==> flow/design.v <==
module alu_summer_blk (ck, RST, i_a, i_b, i_cin, o_result, o_carry_out);
   parameter DW = 48;
   parameter BLK = 2;
   input ck;
   input RST;
   input [DW-1:0] i_a;
   input [DW-1:0] i_b;
   input i_cin;
   output [DW-1:0] o_result;
   output o_carry_out;
   localparam SLICES = DW / BLK;
   wire [DW-1:0] t;
   wire [SLICES:0] cy;
   assign cy[0] = i_cin;
   genvar ii;
   generate
      for (ii = 0; ii < SLICES; ii = ii + 1) begin : stage
         wire [BLK:0] s0 = i_a[ii*BLK +: BLK] + i_b[ii*BLK +: BLK];
         wire [BLK:0] s1 = i_a[ii*BLK +: BLK] + i_b[ii*BLK +: BLK] + 1'b1;
         assign {cy[ii+1], t[ii*BLK +: BLK]} = cy[ii] ? s1 : s0;
      end
   endgenerate
   reg [DW-1:0] result_r;
   always @(posedge ck) begin
      if (RST) begin
         result_r <= 0;
      end else begin
         result_r <= t;
      end
   end
   assign o_result = result_r;
   reg carry_out_r;
   always @(posedge ck) begin
      if (RST) begin
         carry_out_r <= 1'b0;
      end else begin
         carry_out_r <= cy[SLICES];
      end
   end
   assign o_carry_out = carry_out_r;
endmodule
Ticket comment

======== Reports on alu_summer_blk ========
A sweep over "BLK": the same steps for each member of the family.
The file above is the member BLK = 2. Line numbers count from 1 in each member's own file.
Operators carry their Yosys type and port widths (W data, S select, Z words).
Library cell names are shortened.
Not given: --
set-up
  top module .............................. alu_summer_blk
  clock port .............................. ck
  cell library ............................ sky130hd
  timing corner ........................... tt_025C_1v80

======== Members of the sweep ========
Lines of each other member's file that are new or changed against the file above; lines that a member lacks are not shown.
new or changed lines
  BLK  line  text
  3    3     parameter BLK = 3;
  4    3     parameter BLK = 4;
  8    3     parameter BLK = 8;
  24   3     parameter BLK = 24;

======== Word level ========
Yosys after proc, flatten, opt, wreduce and memory -nomap, before mapping. Enables and synchronous resets that opt folds into registers are not counted as muxes. Memory bits, and registers merged into a memory's read port (data or address), are not among the register bits. Print and check cells are not counted. Equal cells are merged and count once.
cells by class
  BLK  add/sub/neg operators  mux-type cells
  2    48                     24
  3    32                     16
  4    24                     12
  8    12                     6
  24   4                      2
operators with widths
  BLK  kind and count
  2    24 x $add A2 B2 Y3; 24 x $add A3 B1 Y3 const B; 24 x $mux W3
  3    16 x $add A3 B3 Y4; 16 x $add A4 B1 Y4 const B; 16 x $mux W4
  4    12 x $add A4 B4 Y5; 12 x $add A5 B1 Y5 const B; 12 x $mux W5
  8    6 x $add A8 B8 Y9; 6 x $add A9 B1 Y9 const B; 6 x $mux W9
  24   2 x $add A24 B24 Y25; 2 x $add A25 B1 Y25 const B; 2 x $mux W25
word-level totals
  BLK  register bits  input bits  output and inout port bits  elaborated cells
  2    49             99          49                          74
  3    49             99          49                          50
  4    49             99          49                          38
  8    49             99          49                          20
  24   49             99          49                          8

======== Logic depth ========
Depth = most cells in a row (Yosys ltp): at word level without a register or memory, in the mapped netlist without a sequential cell, where the memories' decode and read muxes count.
logic depth
  BLK  depth after elaboration  ABC_AREA  gate-level depth with buffers  depth with buffers taken out
  2    26                       0         25                             25
  3    18                       0         21                             21
  4    14                       0         19                             18
  8    8                        0         14                             13
  24   4                        0         17                             16

======== Netlist ========
Yosys stat after the flow's synthesis: flattened, memories mapped to cells. It holds for the ABC_AREA given above (unset counts as 0); a run with the other value may have another netlist.
Totals and module areas in this step are rounded.
cell types
  BLK  types with counts
  2    49 x dfxtp_1; 48 x ha_1; 24 x fa_1; 63 x nor2_1; 21 x mux2i_1; 22 x xnor2_1; 19 x xor2_1; 30 x inv_1; 3 x a311oi_4; 9 x nand3b_1; 13 x nand3_1; 10 x nand4_1; 6 x and2b_2; 14 x nand2_1; 6 x nand4b_1; 7 x a31oi_1; 6 x nor4_1; 3 x mux2_1; [+81]
  3    49 x dfxtp_1; 64 x ha_1; 16 x fa_1; 28 x xnor2_1; 55 x nor2_1; 20 x xor2_1; 22 x a21o_1; 16 x mux2i_1; 27 x a21oi_1; 25 x nand3_1; 19 x and3_1; 24 x nand2_1; 12 x nand4_1; 8 x nor2b_1; 12 x inv_1; 7 x nor4_1; 2 x nor4_4; 8 x nor3_1; [+53]
  4    49 x dfxtp_1; 60 x ha_1; 37 x xnor2_1; 12 x fa_1; 52 x nor2_1; 22 x xor2_1; 25 x a21o_1; 18 x mux2i_1; 29 x a21oi_1; 18 x nand2_1; 7 x nand4b_1; 11 x nand3_1; 8 x and3_1; 4 x mux2_1; 7 x nand2b_1; 7 x nand4_1; 6 x nor2b_1; 4 x nand3b_1; [+29]
  8    49 x dfxtp_1; 54 x ha_1; 32 x xnor2_1; 28 x xor2_1; 56 x nor2_1; 41 x a21oi_1; 35 x nand2_1; 6 x fa_1; 12 x mux2i_1; 20 x o21ai_0; 13 x o21bai_1; 11 x a21o_1; 12 x nor2b_1; 11 x and3_1; 6 x mux2_2; 3 x mux2i_4; 8 x or3_1; 13 x inv_1; [+85]
  24   49 x dfxtp_1; 50 x ha_1; 41 x xnor2_1; 62 x a21oi_1; 68 x nor2_1; 50 x nand2_1; 23 x a21o_1; 18 x xor2_1; 29 x o21ai_0; 24 x nand3_1; 14 x nand4_1; 14 x nor2b_1; 23 x inv_1; 16 x nor3_1; 21 x clkbuf_1; 7 x mux2_2; 7 x nor3b_1; 7 x o211ai_1; [+140]
The mark [+n] counts cells that are not listed.
synthesis totals
  BLK  standard cells after synthesis  cell area after synthesis (sq um)  sequential part of the area (sq um)  flip-flop cells  buffers
  2    434                             4,300                              980                                  49               11
  3    467                             4,300                              980                                  49               10
  4    405                             3,800                              980                                  49               7
  8    495                             4,300                              980                                  49               10
  24   663                             5,100                              980                                  49               27

======== Path before layout ========
Source: OpenSTA report_checks on the synthesized netlist (no wires, ideal clock, input and output delay 20% of the period each), path of least setup slack; recovery checks are left aside. Register names are those of the netlist, which keeps one name where synthesis merged equal registers.
timing path post-synthesis
  BLK  path kind          start point         end point              clock period (ns)  path slack (ns)  driving pins on the path  delay of the path (ns)  period reached after synthesis (ns)
  2    input -> register  input port i_a[0]   register carry_out_r   9.0                1.437            25                        5.762                   7.563
  3    input -> register  input port i_a[0]   register result_r[45]  7.74               1.239            20                        4.953                   6.501
  4    input -> register  input port i_a[0]   register carry_out_r   8.02               1.282            19                        5.133                   6.738
  8    input -> register  input port i_a[16]  register carry_out_r   5.96               0.952            13                        3.816                   5.008
  24   input -> register  input port i_a[0]   register carry_out_r   6.12               0.977            14                        3.920                   5.143
"delay of the path" = arrival - input delay + setup time.
"driving pins on the path": output pins that drive a net of the path, with the launching flip-flop's if there is one; two outputs of one cell count as two.
"period reached after synthesis" = period - worst setup slack (recovery checks aside). The figure is calculated, with input and output delays left at 20% of the set period.
Between the ends stands the longest chain of elaborated cells between them, by number of cells; it is not shown to be the way that was timed. Of several equally long chains one is given.
A line is the first line of the expression or statement that the cell stems from. Yosys adds cells for indexed reads and writes and turns some case tables into memories.
on the way, post-synthesis, BLK = 2
  cells in the longest elaborated chain ... 26
ends and longest elaborated chain, post-synthesis, BLK = 2
  item                   line  text
  from (decl)            6     input [DW-1:0] i_a;
  $add A2 B2 Y3          19    wire [BLK:0] s1 = i_a[ii*BLK +: BLK] + i_b[ii*BLK +: BLK] + 1'b1;
  $add A3 B1 Y3          19
  $mux W3 (24 in a row)  20    assign {cy[ii+1], t[ii*BLK +: BLK]} = cy[ii] ? s1 : s0;
  to (assign)            35    carry_out_r <= 1'b0;
  to (assign)            37    carry_out_r <= cy[SLICES];
  to (decl)              32    reg carry_out_r;
on the way, post-synthesis, BLK = 24
  cells in the longest elaborated chain ... 4
ends and longest elaborated chain, post-synthesis, BLK = 24
  item                   line  text
  from (decl)            6     input [DW-1:0] i_a;
  $add A24 B24 Y25       19    wire [BLK:0] s1 = i_a[ii*BLK +: BLK] + i_b[ii*BLK +: BLK] + 1'b1;
  $add A25 B1 Y25        19
  $mux W25 (2 in a row)  20    assign {cy[ii+1], t[ii*BLK +: BLK]} = cy[ii] ? s1 : s0;
  to (assign)            35    carry_out_r <= 1'b0;
  to (assign)            37    carry_out_r <= cy[SLICES];
  to (decl)              32    reg carry_out_r;

======== Path in the finished layout ========
Path of least setup slack in the final report of the run of each member (OpenROAD, finished layout, wires in). Where an end is a register, its clock arrival counts in the times.
timing path post-layout
  BLK  path kind          start point         end point              clock period (ns)  path slack (ns)  driving pins on the path  data arrival time (ns)  buffers on the path
  2    input -> register  input port i_a[0]   register carry_out_r   9.0                0.83             26                        8.37                    1
  3    input -> register  input port i_a[0]   register result_r[45]  7.74               0.55             21                        7.38                    1
  4    input -> register  input port i_a[0]   register result_r[46]  8.02               0.79             19                        7.41                    1
  8    input -> register  input port i_a[16]  register carry_out_r   5.96               0.55             14                        5.61                    1
  24   input -> register  input port i_b[0]   register result_r[36]  6.12               0.50             15                        5.83                    1

======== Flow runs ========
One run of the flow (Yosys, OpenROAD) for each member, with settings and measured results. Input and output delays are each 20% of the period that was set; the output load is 0.01 pF.
settings
  CAP_MARGIN .............................. 20
  CORE_MARGIN ............................. 2
  CORE_UTILIZATION ........................ 40
  SLEW_MARGIN ............................. 20
settings by member
  BLK  period_ns
  2    9.0
  3    7.74
  4    8.02
  8    5.96
  24   6.12
final reports
  BLK  synthesized cell area (sq um)  die footprint (sq um)  utilization in the final report (%)  worst setup slack after layout (ns)  post-route setup TNS (ns)  worst hold slack after layout (ns)  total power of the final layout (mW)  period reached (ns)
  2    4,300                          11,000                 57                                   0.83                                 0.000                      2.1                                 0.82                                  8.167
  3    4,300                          12,000                 57                                   0.55                                 0.000                      1.9                                 0.92                                  7.186
  4    3,800                          10,000                 60                                   0.79                                 0.000                      1.9                                 0.84                                  7.228
  8    4,300                          11,000                 58                                   0.55                                 0.000                      1.4                                 1.2                                   5.412
  24   5,100                          14,000                 55                                   0.50                                 0.000                      1.6                                 1.4                                   5.623
"period reached" is the run's clock period less its worst setup slack. It is reckoned from that one timing run; input and output delays stay at 20% of the period that was set.
"total power of the final layout" is the tool's figure for a default switching activity; nothing was simulated.
Results are given in rounded form.
